==> flow/design.v <==
module sync_ram_block_stage #(
  parameter int ENTRIES = 16,
  parameter int XLEN = 2,
  parameter int AW = $clog2(ENTRIES)
) (
  input  logic i_clk,
  input  logic rst_i,
  input  logic write_i,
  input  logic [AW-1:0] wa_i,
  input  logic [XLEN-1:0] write_data_i,
  input  logic [AW-1:0] raddr_a_i,
  input  logic [AW-1:0] raddr_b_i,
  output logic [XLEN-1:0] rd_data_a_o,
  output logic [XLEN-1:0] rd_data_b_o
);
  logic write_s;
  logic [AW-1:0] wa_s;
  logic [XLEN-1:0] write_data_s;
  always_ff @(posedge i_clk or posedge rst_i) begin
    if (rst_i) begin
      write_s <= 1'b0;
      wa_s <= 0;
      write_data_s <= 0;
    end else begin
      write_s <= write_i;
      wa_s <= wa_i;
      write_data_s <= write_data_i;
    end
  end
  logic [XLEN-1:0] array [0:ENTRIES-1];
  always_ff @(posedge i_clk) begin
    if (write_s)
      array[wa_s] <= write_data_s;
  end
  logic [AW-1:0] raddr_a_s;
  logic [AW-1:0] raddr_b_s;
  logic [XLEN-1:0] rd_data_a_s;
  always_ff @(posedge i_clk or posedge rst_i) begin
    if (rst_i) begin
      raddr_a_s <= 0;
      raddr_b_s <= 0;
      rd_data_a_s <= 0;
    end else begin
      raddr_a_s <= raddr_a_i;
      raddr_b_s <= raddr_b_i;
      rd_data_a_s <= array[raddr_a_s];
    end
  end
  assign rd_data_a_o = rd_data_a_s;
  logic [XLEN-1:0] rd_data_b_s;
  always_ff @(posedge i_clk or posedge rst_i) begin
    if (rst_i) begin
      rd_data_b_s <= 0;
    end else begin
      rd_data_b_s <= array[raddr_b_s];
    end
  end
  assign rd_data_b_o = rd_data_b_s;
endmodule
==> From RTL to reports: sync_ram_block_stage <==
The steps from the RTL of sync_ram_block_stage to its reports follow in flow order.
Lines are those of the file above, counted from 1.
Operators: Yosys type, input widths -> output width; for muxes data width and select width s.
Cell names lack the library's common part.
{ "inputs": {"design": "sync_ram_block_stage", "clock": "i_clk", "lib": "sky130hd", "pvt_corner": "tt_025C_1v80"} }

==> After elaboration <==
Counts by Yosys on the flattened word-level netlist (proc, flatten, opt, wreduce; memories kept). Register bits leave out memories and registers merged into their read ports (data or address); mux counts leave out enables and synchronous resets folded into registers. Print and check cells are left out. Cells with the same type and inputs are merged into one.
Memory sizes are those after Yosys's memory passes, which may raise the word count (mostly to a power of two), join words into wider ones and drop unused or constant bits.
{ "bits": {"regBits": 15, "ramBits": 32, "clocked_rd_ports_x_width": 4, "mem_count": 1, "word_cells": 9, "inputBits": 17} }
{ "classes": {"n_mux": 3} }
{ "memory_table": {"columns": ["name", "size", "word_bits", "rd", "wr", "line", "source"], "rows": [
  ["array", 16, 2, 2, 1, 30, "logic [XLEN-1:0] array [0:ENTRIES-1];"]
]} }
{ "op_table": {"columns": ["op", "count"], "rows": [
  ["$mux 4", 1],
  ["$mux 2", 1],
  ["$mux 1", 1]
]} }

==> Depth <==
Longest topological path by Yosys (ltp), each cell counted once; first at word level (registers and memories cut), then after technology mapping (sequential cells cut; the memories' decode and read muxes count).
{ "logic_depth": {"word_depth": 1, "abc_area": 0, "mapped_depth": 4, "mapped_depth_nobuf": 3} }

==> Netlist <==
The flow's flattened synthesis, as Yosys stat reports it; memories are mapped. The netlist is that of the ABC_AREA named above (0 if unset); the other value can give another one.
{ "by_type": {"columns": ["cell", "count", "area_total_um2"], "rows": [
  ["edfxtp_1", 32, 960.922],
  ["dfrtp_1", 19, 475.456],
  ["mux4_1", 12, 315.302],
  ["mux4_2", 4, 90.086],
  ["nor2_1", 14, 52.55],
  ["nand3_1", 9, 45.043],
  ["a22oi_1", 4, 30.029],
  ["nor2b_1", 4, 25.024],
  ["buf_6", 2, 22.522],
  ["nor3_1", 4, 20.019],
  ["nand2_1", 5, 18.768],
  ["nand3b_1", 2, 15.014],
  ["nand2b_1", 2, 12.512],
  ["or3b_2", 1, 8.758],
  ["clkbuf_1", 2, 7.507],
  ["inv_1", 1, 3.754]
]} }
{ "synth_totals": {"stdcells": 117, "mapped_area_um2": 2103.3, "ffs": 51, "buffers": 4} }

==> Timing after synthesis <==
OpenSTA on the mapped netlist: ideal clock, no wires. The path of least setup slack (recovery checks aside). Input and output delay are each 20% of the period. Register names are those of the netlist, which keeps one name where synthesis merged equal registers.
{ "synth_path": {"path_type": "flip-flop to flip-flop", "from": "reg wa_s[2]", "to": "mem array[0][0]", "arrival_time_ns": 1.084, "required_ns": 1.441, "setup_time_ns": 0.329, "path_slack_ns": 0.358, "tclk_ns": 1.77, "path_delay_ns": 1.413, "n_path_buf": 0, "t_first_pin_ns": 0.000, "path_stages": 3, "synth_period_reached_ns": 1.412} }
"path_delay_ns" = arrival - input delay + setup time.
"path_stages": output pins that drive a net of the path, with the launching flip-flop's if there is one; two outputs of one cell count as two.
"synth_period_reached_ns" = period - worst setup slack (recovery checks aside). The figure is calculated, with input and output delays left at 20% of the set period.
Between the ends stands the longest chain of elaborated cells between them, by number of cells; it is not shown to be the way that was timed. Of several equally long chains one is given.
Each line given opens the expression or statement behind the cell; cells for indexed reads and writes are added by Yosys, which also makes memories of some case tables.
{ "synth_via": {"path_cell_list": "dfrtp_1 > or3b_2 > nor3_1", "elab_chain_cells": 1} }
{ "synth_rtl": {"columns": ["element", "line", "source"], "rows": [
  ["from (decl)", 17, "logic [AW-1:0] wa_s;"],
  ["from (assign)", 22, "wa_s <= 0;"],
  ["from (assign)", 26, "wa_s <= wa_i;"],
  ["$mux 4", 32, "if (write_s)"],
  ["to (decl)", 30, "logic [XLEN-1:0] array [0:ENTRIES-1];"]
]} }

==> Timing after layout <==
From the final timing report of flow run 1: the path of least setup slack in the routed layout; clock arrival at registers is part of the times.
{ "layout_path": {"path_type": "flip-flop to flip-flop", "from": "reg raddr_a_s[0]", "to": "reg rd_data_a_s[0]", "arrival_time_ns": 1.79, "tclk_ns": 1.77, "path_slack_ns": 0.16, "required_ns": 1.95, "t_first_pin_ns": 0.30, "setup_time_ns": 0.11, "path_stages": 4, "n_path_buf": 0} }
{ "layout_via": {"path_cell_list": "dfrtp_1 > mux4_1 > a22oi_1 > nand3_1"} }
{ "layout_rtl": {"columns": ["element", "line", "source"], "rows": [
  ["from (decl)", 35, "logic [AW-1:0] raddr_a_s;"],
  ["from (assign)", 40, "raddr_a_s <= 0;"],
  ["from (assign)", 44, "raddr_a_s <= raddr_a_i;"],
  ["to (decl)", 37, "logic [XLEN-1:0] rd_data_a_s;"]
]} }
Chain of elaborated cells between the ends: none given.

Subject: flow runs of sync_ram_block_stage

Hi,

Settings and measured results of 3 stored flow runs for module sync_ram_block_stage (sky130hd), not sorted in any way. The constraints put input and output delay at 20% of the set period each and load the outputs with 0.01 pF.
"period_less_ws_ns" means the clock period less the worst setup slack. The figure is calculated, with input and output delays left at 20% of the set period.
"worst_setup_path_time_ns" means the part of the period allowed to the worst setup path (the constraints hold back 20% at inputs and 20% at outputs) less its slack; where the path has registers, the arrival times of their clocks count too.
"totalPower_mw" rests on the timing tool's default activity at the inputs, not on a simulated workload.
[
  {
    "run": "flow run 1",
    "settings": { "period_ns": 1.77, "CAP_MARGIN": 20, "CORE_MARGIN": 2, "CORE_UTILIZATION": 40, "SLEW_MARGIN": 20 },
    "results": { "total_negative_slack_ns": 0.000, "period_less_ws_ns": 1.610, "worst_setup_path_time_ns": 1.61, "worst_path_kind": "flip-flop to flip-flop", "yosys_chip_area_um2": 2103.3, "timing.setup.ws_ns": 0.160, "die_um2": 5854.6, "layout_stdcell_area_um2": 2457.4, "util_frac": 0.484, "totalPower_mw": 2.169 }
  },
  {
    "run": "flow run 2",
    "settings": { "period_ns": 1.01, "CORE_UTILIZATION": 67, "SETUP_SLACK_MARGIN": 0.09, "PLACE_DENSITY_LB_ADDON": 0.09, "ABC_AREA": 0, "GPL_ROUTABILITY_DRIVEN": 1, "CTS_CLUSTER_SIZE": 95, "CAP_MARGIN": 5, "MAX_ROUTING_LAYER": "met5", "CORE_MARGIN": 2, "SLEW_MARGIN": 20 },
    "results": { "worst_setup_path_time_ns": 1.47, "worst_path_kind": "flip-flop to flip-flop", "layout_stdcell_area_um2": 2817.7, "period_less_ws_ns": 1.465, "total_negative_slack_ns": -12.309, "die_um2": 3603.6, "util_frac": 0.931, "yosys_chip_area_um2": 2103.3, "timing.setup.ws_ns": -0.455, "totalPower_mw": 3.767 }
  },
  {
    "run": "flow run 3",
    "settings": { "period_ns": 0.855, "CORE_UTILIZATION": 41, "PLACE_DENSITY": 0.54, "GPL_ROUTABILITY_DRIVEN": 1, "CAP_MARGIN": 30, "CORE_MARGIN": 2, "SLEW_MARGIN": 20 },
    "results": { "totalPower_mw": 4.739, "layout_stdcell_area_um2": 2876.5, "timing.setup.ws_ns": -0.541, "period_less_ws_ns": 1.396, "die_um2": 5719.1, "total_negative_slack_ns": -15.529, "yosys_chip_area_um2": 2103.3, "worst_setup_path_time_ns": 1.40, "worst_path_kind": "flip-flop to flip-flop", "util_frac": 0.57 }
  }
]

Regards
